==> flow/design.v <==
module alu_diff_unit #(
   parameter DWIDTH = 36
) (
   input logic clk,
   input logic i_rst_n,
   input logic [DWIDTH-1:0] op_a,
   input logic [DWIDTH-1:0] op_b,
   output logic [DWIDTH-1:0] q,
   output logic bo
);
   logic [DWIDTH-1:0] op_a_ff;
   logic [DWIDTH-1:0] op_b_ff;
   logic [DWIDTH:0] t;
   assign t = {1'b0, op_a_ff} - {1'b0, op_b_ff};
   assign q = t[DWIDTH-1:0];
   assign bo = t[DWIDTH];
   always_ff @(posedge clk or negedge i_rst_n) begin
      if (!i_rst_n) begin
         op_a_ff <= 0;
         op_b_ff <= 0;
      end else begin
         op_a_ff <= op_a;
         op_b_ff <= op_b;
      end
   end
endmodule
Memo
Re: synthesis data of alu_diff_unit

## Reports on alu_diff_unit

A sweep over "DWIDTH": the same steps for each member of the family.
The RTL above is that of DWIDTH = 36; lines are counted from 1 in the file of the member named.
The mark - stands for no value.

| set-up | value |
|---|---|
| design top | alu_diff_unit |
| clock | clk |
| standard-cell library | sky130hd |
| timing corner | tt_025C_1v80 |

## Source of the members

New or changed lines of each further member against the RTL above, in its own file; lines it lacks are not shown.

Lines new or changed:

| DWIDTH | line | source |
|---|---|---|
| 56 | 2 | `parameter DWIDTH = 56` |
| 64 | 2 | `parameter DWIDTH = 64` |
| 72 | 2 | `parameter DWIDTH = 72` |

## After elaboration

Yosys after proc, flatten, opt, wreduce and memory -nomap, before mapping. Enables and synchronous resets that opt folds into registers are not counted as muxes. Memory bits, and registers merged into a memory's read port (data or address), are not among the register bits. Print and check cells are not counted. Equal cells are merged and count once.

Word-level totals:

| DWIDTH | output and inout port bits | elaborated cells | bits of input ports | flip-flop bits (word level) |
|---|---|---|---|---|
| 36 | 37 | 3 | 74 | 72 |
| 56 | 57 | 3 | 114 | 112 |
| 64 | 65 | 3 | 130 | 128 |
| 72 | 73 | 3 | 146 | 144 |

Cells by class:

| DWIDTH | add/subtract/negate cells |
|---|---|
| 36 | 1 |
| 56 | 1 |
| 64 | 1 |
| 72 | 1 |

Operator list:

| DWIDTH | kinds with counts |
|---|---|
| 36 | subtractor 36 x 36 -> 37 bit: 1 |
| 56 | subtractor 56 x 56 -> 57 bit: 1 |
| 64 | subtractor 64 x 64 -> 65 bit: 1 |
| 72 | subtractor 72 x 72 -> 73 bit: 1 |

## Longest topological paths

Depth = most cells in a row (Yosys ltp): at word level without a register or memory, in the mapped netlist without a sequential cell, where the memories' decode and read muxes count.

Logic depth:

| DWIDTH | word-level depth | ABC_AREA | gate-level depth with buffers | depth with buffers taken out |
|---|---|---|---|---|
| 36 | 1 | 0 | 10 | 10 |
| 56 | 1 | 0 | 12 | 12 |
| 64 | 1 | 0 | 12 | 12 |
| 72 | 1 | 0 | 12 | 12 |

## Synthesis result

Source: synth_stat.txt of the flow (Yosys; design flattened, memories mapped). It holds for the ABC_AREA given above (unset counts as 0); a run with the other value may have another netlist.

Cell types:

| DWIDTH | type and count |
|---|---|
| 36 | sky130_fd_sc_hd__dfrtp_1: 72; sky130_fd_sc_hd__ha_1: 36; sky130_fd_sc_hd__a21oi_1: 37; sky130_fd_sc_hd__inv_1: 47; sky130_fd_sc_hd__xnor2_1: 20; sky130_fd_sc_hd__nand2_1: 30; sky130_fd_sc_hd__xor2_1: 11; sky130_fd_sc_hd__nor2_1: 25; sky130_fd_sc_hd__a21o_1: 11; sky130_fd_sc_hd__nand3_1: 15; sky130_fd_sc_hd__nand4_1: 11; sky130_fd_sc_hd__a31oi_1: 9; sky130_fd_sc_hd__o21ai_0: 11; sky130_fd_sc_hd__o211ai_1: 6; sky130_fd_sc_hd__o21ai_1: 9; sky130_fd_sc_hd__o21bai_1: 6; sky130_fd_sc_hd__o21a_1: 5; sky130_fd_sc_hd__buf_2: 7; (+48) |
| 56 | sky130_fd_sc_hd__dfrtp_1: 112; sky130_fd_sc_hd__ha_1: 56; sky130_fd_sc_hd__a21oi_1: 72; sky130_fd_sc_hd__inv_1: 75; sky130_fd_sc_hd__xnor2_1: 31; sky130_fd_sc_hd__nand2_1: 57; sky130_fd_sc_hd__xor2_1: 22; sky130_fd_sc_hd__o21ai_0: 36; sky130_fd_sc_hd__a21o_1: 19; sky130_fd_sc_hd__nor2_1: 31; sky130_fd_sc_hd__o21bai_1: 12; sky130_fd_sc_hd__nand4_1: 12; sky130_fd_sc_hd__o21a_1: 8; sky130_fd_sc_hd__nand2b_1: 8; sky130_fd_sc_hd__nand3_1: 10; sky130_fd_sc_hd__clkbuf_1: 12; sky130_fd_sc_hd__nor3_1: 9; sky130_fd_sc_hd__o211ai_4: 2; (+76) |
| 64 | sky130_fd_sc_hd__dfrtp_1: 128; sky130_fd_sc_hd__ha_1: 64; sky130_fd_sc_hd__a21oi_1: 76; sky130_fd_sc_hd__xnor2_1: 39; sky130_fd_sc_hd__inv_1: 88; sky130_fd_sc_hd__a21o_1: 37; sky130_fd_sc_hd__nand2_1: 63; sky130_fd_sc_hd__xor2_1: 21; sky130_fd_sc_hd__o21ai_0: 27; sky130_fd_sc_hd__nand4_1: 21; sky130_fd_sc_hd__nor2_1: 35; sky130_fd_sc_hd__o21bai_1: 14; sky130_fd_sc_hd__a31oi_1: 11; sky130_fd_sc_hd__buf_2: 11; sky130_fd_sc_hd__o21a_1: 7; sky130_fd_sc_hd__nand3_1: 10; sky130_fd_sc_hd__o21ai_1: 9; sky130_fd_sc_hd__a21oi_2: 4; (+101) |
| 72 | sky130_fd_sc_hd__dfrtp_1: 144; sky130_fd_sc_hd__ha_1: 72; sky130_fd_sc_hd__a21oi_1: 85; sky130_fd_sc_hd__inv_1: 92; sky130_fd_sc_hd__xnor2_1: 35; sky130_fd_sc_hd__a21o_1: 37; sky130_fd_sc_hd__nand2_1: 71; sky130_fd_sc_hd__xor2_1: 27; sky130_fd_sc_hd__o21ai_0: 38; sky130_fd_sc_hd__nor2_1: 46; sky130_fd_sc_hd__nand4_1: 25; sky130_fd_sc_hd__o21bai_1: 15; sky130_fd_sc_hd__clkbuf_1: 22; sky130_fd_sc_hd__nand3_1: 13; sky130_fd_sc_hd__a211oi_1: 8; sky130_fd_sc_hd__o31ai_1: 8; sky130_fd_sc_hd__nor3_1: 11; sky130_fd_sc_hd__a31oi_1: 8; (+125) |

The mark (+n) counts cells that are not listed.

Mapped netlist:

| DWIDTH | cell count | flip-flop cells | chip area (Yosys) (um^2) | buffers | sequential area (um^2) |
|---|---|---|---|---|---|
| 36 | 416 | 72 | 4020.1 | 12 | 1801.7 |
| 56 | 660 | 112 | 6382.4 | 18 | 2802.7 |
| 64 | 766 | 128 | 7405.9 | 21 | 3203.1 |
| 72 | 882 | 144 | 8421.8 | 33 | 3603.5 |

## Worst setup path after synthesis

OpenSTA on the mapped netlist: ideal clock, no wires. The path of least setup slack (recovery checks aside). Input and output delay are each 20% of the period. Register names are those of the netlist, which keeps one name where synthesis merged equal registers.

Timing path post-synthesis:

| DWIDTH | kind | start point | end point | delay of the path (ns) | path slack (ns) | period (ns) | stages on the path | synthesis period reached (ns) |
|---|---|---|---|---|---|---|---|---|
| 36 | flip-flop to output port | register op_a_ff[0] | output q[32] | 2.294 | 0.570 | 3.58 | 11 | 3.01 |
| 56 | flip-flop to output port | register op_a_ff[0] | output q[52] | 2.702 | 0.674 | 4.22 | 13 | 3.546 |
| 64 | flip-flop to output port | register op_a_ff[0] | output q[62] | 2.615 | 0.657 | 4.09 | 13 | 3.433 |
| 72 | flip-flop to output port | register op_a_ff[44] | output q[71] | 3.049 | 0.759 | 4.76 | 12 | 4.001 |

"delay of the path" = arrival - input delay + setup time.
At an output port there is no setup time.
"stages on the path": output pins that drive a net of the path, with the launching flip-flop's if there is one; two outputs of one cell count as two.
"synthesis period reached" = period - worst setup slack (recovery checks aside). The figure is calculated, with input and output delays left at 20% of the set period.
Between the ends stands the longest chain of elaborated cells between them, by number of cells; it is not shown to be the way that was timed. Of several equally long chains one is given.
A line is the first line of the expression or statement that the cell stems from. Yosys adds cells for indexed reads and writes and turns some case tables into memories.

| between the ends, post-synthesis, DWIDTH = 36 | value |
|---|---|
| cells in the longest elaborated chain | 1 |

Ends and longest elaborated chain, post-synthesis, DWIDTH = 36:

| item | line | source |
|---|---|---|
| from (decl) | 11 | `logic [DWIDTH-1:0] op_a_ff;` |
| from (assign) | 19 | `op_a_ff <= 0;` |
| from (assign) | 22 | `op_a_ff <= op_a;` |
| subtractor 36 x 36 -> 37 bit | 14 | `assign t = {1'b0, op_a_ff} - {1'b0, op_b_ff};` |
| to (decl) | 8 | `output logic [DWIDTH-1:0] q,` |

| between the ends, post-synthesis, DWIDTH = 72 | value |
|---|---|
| cells in the longest elaborated chain | 1 |

Ends and longest elaborated chain, post-synthesis, DWIDTH = 72:

| item | line | source |
|---|---|---|
| from (decl) | 11 | `logic [DWIDTH-1:0] op_a_ff;` |
| from (assign) | 19 | `op_a_ff <= 0;` |
| from (assign) | 22 | `op_a_ff <= op_a;` |
| subtractor 72 x 72 -> 73 bit | 14 | `assign t = {1'b0, op_a_ff} - {1'b0, op_b_ff};` |
| to (decl) | 8 | `output logic [DWIDTH-1:0] q,` |

## Worst path after layout

From the final timing report of the run of each member: the path of least setup slack in the routed layout; clock arrival at registers is part of the times.

Timing path post-layout:

| DWIDTH | kind | start point | end point | stages on the path | path slack (ns) | path buffers | period (ns) | arrival (ns) |
|---|---|---|---|---|---|---|---|---|
| 36 | flip-flop to output port | register op_b_ff[0] | output q[32] | 12 | 0.06 | 2 | 3.58 | 2.81 |
| 56 | flip-flop to output port | register op_b_ff[0] | output bo | 14 | 0.02 | 2 | 4.22 | 3.35 |
| 64 | flip-flop to output port | register op_b_ff[0] | output q[54] | 17 | -0.02 | 5 | 4.09 | 3.29 |
| 72 | flip-flop to output port | register op_a_ff[13] | output q[69] | 12 | 0.03 | 1 | 4.76 | 3.78 |

## Measured runs

Settings and results of one run of the flow (Yosys, OpenROAD) for each member follow. The constraints put input and output delay at 20% of the set period each and load the outputs with 0.01 pF.

| settings | value |
|---|---|
| CAP_MARGIN | 20 |
| CORE_MARGIN | 2 |
| CORE_UTILIZATION | 40 |
| SLEW_MARGIN | 20 |

Settings by member:

| DWIDTH | period_ns |
|---|---|
| 36 | 3.58 |
| 56 | 4.22 |
| 64 | 4.09 |
| 72 | 4.76 |

Final reports:

| DWIDTH | standard-cell area after layout (um^2) | total die area (um^2) | post-layout utilization (%) | chip area after synthesis (Yosys) (um^2) | reached clock period (ns) | worst setup slack after layout (ns) | post-route setup TNS (ns) | total design power (mW) |
|---|---|---|---|---|---|---|---|---|
| 36 | 5973.2 | 10868.1 | 61.1 | 4020.1 | 3.522 | 0.058 | 0.000 | 2.353 |
| 56 | 9041.2 | 16982.0 | 57.5 | 6382.4 | 4.198 | 0.022 | 0.000 | 3.095 |
| 64 | 11038.1 | 19619.6 | 61.0 | 7405.9 | 4.112 | -0.022 | -0.024 | 4.126 |
| 72 | 11921.4 | 22230.8 | 57.3 | 8421.8 | 4.731 | 0.029 | 0.000 | 4.006 |

"reached clock period" = clock period - worst setup slack. The figure is calculated, with input and output delays left at 20% of the set period.
By "total design power" is meant OpenSTA's value without simulated activity: inputs other than the clock are taken to toggle once in ten clock periods, and the tool carries that through the logic.
